==> flow/design.v <==
module mul_n #(
  parameter XLEN = 16,
  parameter KVAL = 365,
  parameter RES_W = XLEN + $clog2(KVAL + 1)
) (
  input wire i_clk,
  input wire aresetn,
  input wire [XLEN-1:0] dataa,
  output wire [RES_W-1:0] res
);
  reg [XLEN-1:0] dataa_q;
  always @(posedge i_clk or negedge aresetn) begin
    if (~aresetn) begin
      dataa_q <= 0;
    end else begin
      dataa_q <= dataa;
    end
  end
  reg [RES_W-1:0] res_q;
  always @(posedge i_clk or negedge aresetn) begin
    if (~aresetn) begin
      res_q <= 0;
    end else begin
      res_q <= dataa_q * KVAL;
    end
  end
  assign res = res_q;
endmodule
### From RTL to reports: mul_n

What the tools print for mul_n, step after step.
Lines are those of the file above, counted from 1.
Cell names lack the library's common part.
A cell with n/a has no value.

| inputs | value |
|---|---|
| top module | mul_n |
| clock input | i_clk |
| library | sky130hd |
| corner | tt_025C_1v80 |

### Word level

Source: Yosys, flattened and elaborated, memories not mapped. Widths are those after wreduce; folded enables and synchronous resets count as part of the registers. Registers that Yosys merges into a memory's read port (data or address) are not register bits. Print and check cells do not count. Equal cells are merged and count once.

| storage and ports | value |
|---|---|
| flip-flop bits (word level) | 41 |
| bits in latches | 0 |
| memory bits (writable) | 0 |
| memory bits (read-only) | 0 |
| word width x clocked read ports | 0 |
| memories | 0 |
| elaborated cells | 3 |

| cells by class | value |
|---|---|
| $add $sub $neg | 0 |
| multipliers | 1 |
| div/mod/pow operators | 0 |
| order comparisons | 0 |
| equality and inequality tests | 0 |
| shift operators | 0 |
| muxes and demuxes | 0 |
| bitwise gates (word level) | 0 |
| reductions and logical operators | 0 |

Operators with widths:

| cell | count |
|---|---|
| 16-bit by 9-bit multiplier with 25-bit output (second input constant) | 1 |

### Logic depth

Longest topological path by Yosys (ltp), each cell counted once; first at word level (registers and memories cut), then after technology mapping (sequential cells cut; the memories' decode and read muxes count).

| depth | value |
|---|---|
| word-level depth | 1 |
| ABC_AREA | 0 |
| mapped depth | 16 |
| depth with buffers taken out | 15 |

### After synthesis

Source: synth_stat.txt of the flow (Yosys; design flattened, memories mapped). It holds for the ABC_AREA given above (unset counts as 0); a run with the other value may have another netlist.
The area totals of this step are shown rounded.

| mapped netlist | value |
|---|---|
| cell count | 401 |
| chip area (Yosys) | 4100 um^2 |
| sequential part of the area | 1000 um^2 |
| flip-flop cells | 41 |
| buffers | 2 |

Cell types:

| cell type | count |
|---|---|
| dfrtp_1 | 41 |
| fa_1 | 45 |
| ha_1 | 63 |
| inv_1 | 107 |
| a21oi_1 | 20 |
| xnor2_1 | 11 |
| xor2_1 | 11 |
| a21o_1 | 9 |
| nand2_1 | 15 |
| nor2_1 | 14 |
| a211oi_1 | 4 |
| nand3_1 | 6 |
| nor3_1 | 6 |
| o21a_1 | 4 |
| o21ai_0 | 6 |
| nor2b_1 | 4 |
| a211oi_4 | 1 |
| nand4_1 | 3 |

Other cell types: 26; their cells: 31.

### Timing after synthesis

Source: OpenSTA report_checks on the synthesized netlist (no wires, ideal clock, input and output delay 20% of the period each), path of least setup slack; recovery checks are left aside. Register names are those of the netlist, which keeps one name where synthesis merged equal registers.

| path post-synthesis | value |
|---|---|
| kind | reg2reg |
| from | reg dataa_q[14] |
| to | reg res_q[21] |
| clock period | 5.25 ns |
| setup time | 0.104 ns |
| launch time at the first pin | 0.000 ns |
| data arrival time | 4.094 ns |
| data required time | 5.146 ns |
| setup slack | 1.052 ns |
| path delay | 4.198 ns |
| driving pins on the path | 17 |
| path buffers | 1 |
| period reached after synthesis | 4.198 ns |

"path delay" = arrival - input delay + setup time.
"driving pins on the path": output pins that drive a net of the path, with the launching flip-flop's if there is one; two outputs of one cell count as two.
"period reached after synthesis" is the clock period less the worst setup slack; recovery checks do not enter. This is arithmetic on one report: input and output delays are still those of the set period (20% each).
The rows between start and end are the longest chain of elaborated cells between them; the timing report does not say that the signal goes this way. Where chains are equally long, one stands for them.
Each line given opens the expression or statement behind the cell; cells for indexed reads and writes are added by Yosys, which also makes memories of some case tables.

| on the way, post-synthesis | value |
|---|---|
| cell sequence | dfrtp_1 -> ha_1 -> inv_1 -> fa_1 -> inv_1 -> fa_1 -> inv_1 -> fa_1 -> inv_1 -> ha_1 -> and2_1 -> clkbuf_1 -> a22oi_1 -> nand3_1 -> o211ai_1 -> or4b_1 -> o311ai_1 |
| cells in the longest elaborated chain | 1 |
| elaborated cells between the ends (all ways) | 1 |
| source lines of those cells | 1 |

RTL lines, path post-synthesis:

| item | line | text |
|---|---|---|
| start, declared | 11 | `reg [XLEN-1:0] dataa_q;` |
| start, assigned | 14 | `dataa_q <= 0;` |
| start, assigned | 16 | `dataa_q <= dataa;` |
| 16-bit by 9-bit multiplier with 25-bit output | 24 | `res_q <= dataa_q * KVAL;` |
| end, assigned | 22 | `res_q <= 0;` |
| end, assigned | 24 |  |
| end, declared | 19 | `reg [RES_W-1:0] res_q;` |

### Path in the finished layout

From the final timing report of flow run A: the path of least setup slack in the routed layout; clock arrival at registers is part of the times.

| path after layout | value |
|---|---|
| kind | reg2reg |
| from | reg dataa_q[8] |
| to | reg res_q[21] |
| clock period | 5.25 ns |
| setup time | 0.09 ns |
| launch time at the first pin | 0.29 ns |
| data arrival time | 4.63 ns |
| data required time | 5.45 ns |
| setup slack | 0.82 ns |
| driving pins on the path | 16 |
| path buffers | 0 |

The rows between start and end are the longest chain of elaborated cells between them; the timing report does not say that the signal goes this way. Where chains are equally long, one stands for them.

| on the way, after layout | value |
|---|---|
| cell sequence | dfrtp_1 -> ha_1 -> inv_1 -> fa_1 -> inv_1 -> fa_1 -> inv_1 -> fa_1 -> inv_1 -> ha_1 -> and2_1 -> a22oi_1 -> nand3_1 -> o211ai_1 -> or4b_1 -> o311ai_1 |
| cells in the longest elaborated chain | 1 |
| elaborated cells between the ends (all ways) | 1 |
| source lines of those cells | 1 |

RTL lines, path after layout:

| item | line | text |
|---|---|---|
| start, declared | 11 | `reg [XLEN-1:0] dataa_q;` |
| start, assigned | 14 | `dataa_q <= 0;` |
| start, assigned | 16 | `dataa_q <= dataa;` |
| 16-bit by 9-bit multiplier with 25-bit output | 24 | `res_q <= dataa_q * KVAL;` |
| end, assigned | 22 | `res_q <= 0;` |
| end, assigned | 24 |  |
| end, declared | 19 | `reg [RES_W-1:0] res_q;` |

Measured results for mul_n: 3 stored runs of the Yosys and OpenROAD flow on sky130hd. The settings differ; the order carries no meaning. The constraints put input and output delay at 20% of the set period each and load the outputs with 0.01 pF.
"reached clock period": clock period set for the run, less the worst setup slack. It is reckoned from that one timing run; input and output delays stay at 20% of the period that was set.
"time of the worst setup path": the worst setup path's part of the clock period (all of it between registers, 20% less for each end at a port) less its slack. A launch clock that arrives late makes it longer, a capture clock that arrives late makes it shorter.
"total power after layout" is the tool's figure for a default switching activity; nothing was simulated.
Results are given in rounded form.

#### Flow run A

| setting | value |
|---|---|
| period_ns | `5.25` |
| CAP_MARGIN | `20` |
| CORE_MARGIN | `2` |
| CORE_UTILIZATION | `40` |
| SLEW_MARGIN | `20` |

| result | value |
|---|---|
| chip area in the Yosys report | 4100 um^2 |
| setup slack of the worst path | 0.82 ns |
| worst hold slack in the final report | 0.48 ns |
| total power after layout | 2600 µW |
| area of the standard cells in the finished layout | 4700 um^2 |
| time of the worst setup path | 4.43 ns |
| type of the worst setup path | reg2reg |
| reached clock period | 4.434 ns |
| final setup TNS | 0.000 ns |
| utilization of the finished layout | 0.48 |
| overall die area | 11000 um^2 |

#### Flow run B

| setting | value |
|---|---|
| period_ns | `2.58` |
| CORE_UTILIZATION | `52` |
| SETUP_SLACK_MARGIN | `0.51` |
| PLACE_DENSITY_LB_ADDON | `0.26` |
| HOLD_SLACK_MARGIN | `0.26` |
| CORE_MARGIN | `2` |
| CELL_PAD_IN_SITES_GLOBAL_PLACEMENT | `3` |
| CELL_PAD_IN_SITES_DETAIL_PLACEMENT | `0` |
| TNS_END_PERCENT | `30` |
| GPL_TIMING_DRIVEN | `1` |
| CAP_MARGIN | `20` |
| SLEW_MARGIN | `20` |

Stopped before the end: placement reported FLW-0024.

#### Flow run C

| setting | value |
|---|---|
| period_ns | `3.51` |
| CORE_UTILIZATION | `47` |
| PLACE_DENSITY_LB_ADDON | `0.02` |
| HOLD_SLACK_MARGIN | `0.21` |
| CELL_PAD_IN_SITES_GLOBAL_PLACEMENT | `2` |
| ABC_AREA | `0` |
| CTS_CLUSTER_DIAMETER | `378` |
| SLEW_MARGIN | `5` |
| MAX_ROUTING_LAYER | `met5` |
| CAP_MARGIN | `20` |
| CORE_MARGIN | `2` |

| result | value |
|---|---|
| chip area in the Yosys report | 4100 um^2 |
| setup slack of the worst path | -0.57 ns |
| worst hold slack in the final report | 0.48 ns |
| total power after layout | 5800 µW |
| area of the standard cells in the finished layout | 6000 um^2 |
| time of the worst setup path | 4.08 ns |
| type of the worst setup path | reg2reg |
| reached clock period | 4.079 ns |
| final setup TNS | -5.7 ns |
| utilization of the finished layout | 0.73 |
| overall die area | 9400 um^2 |
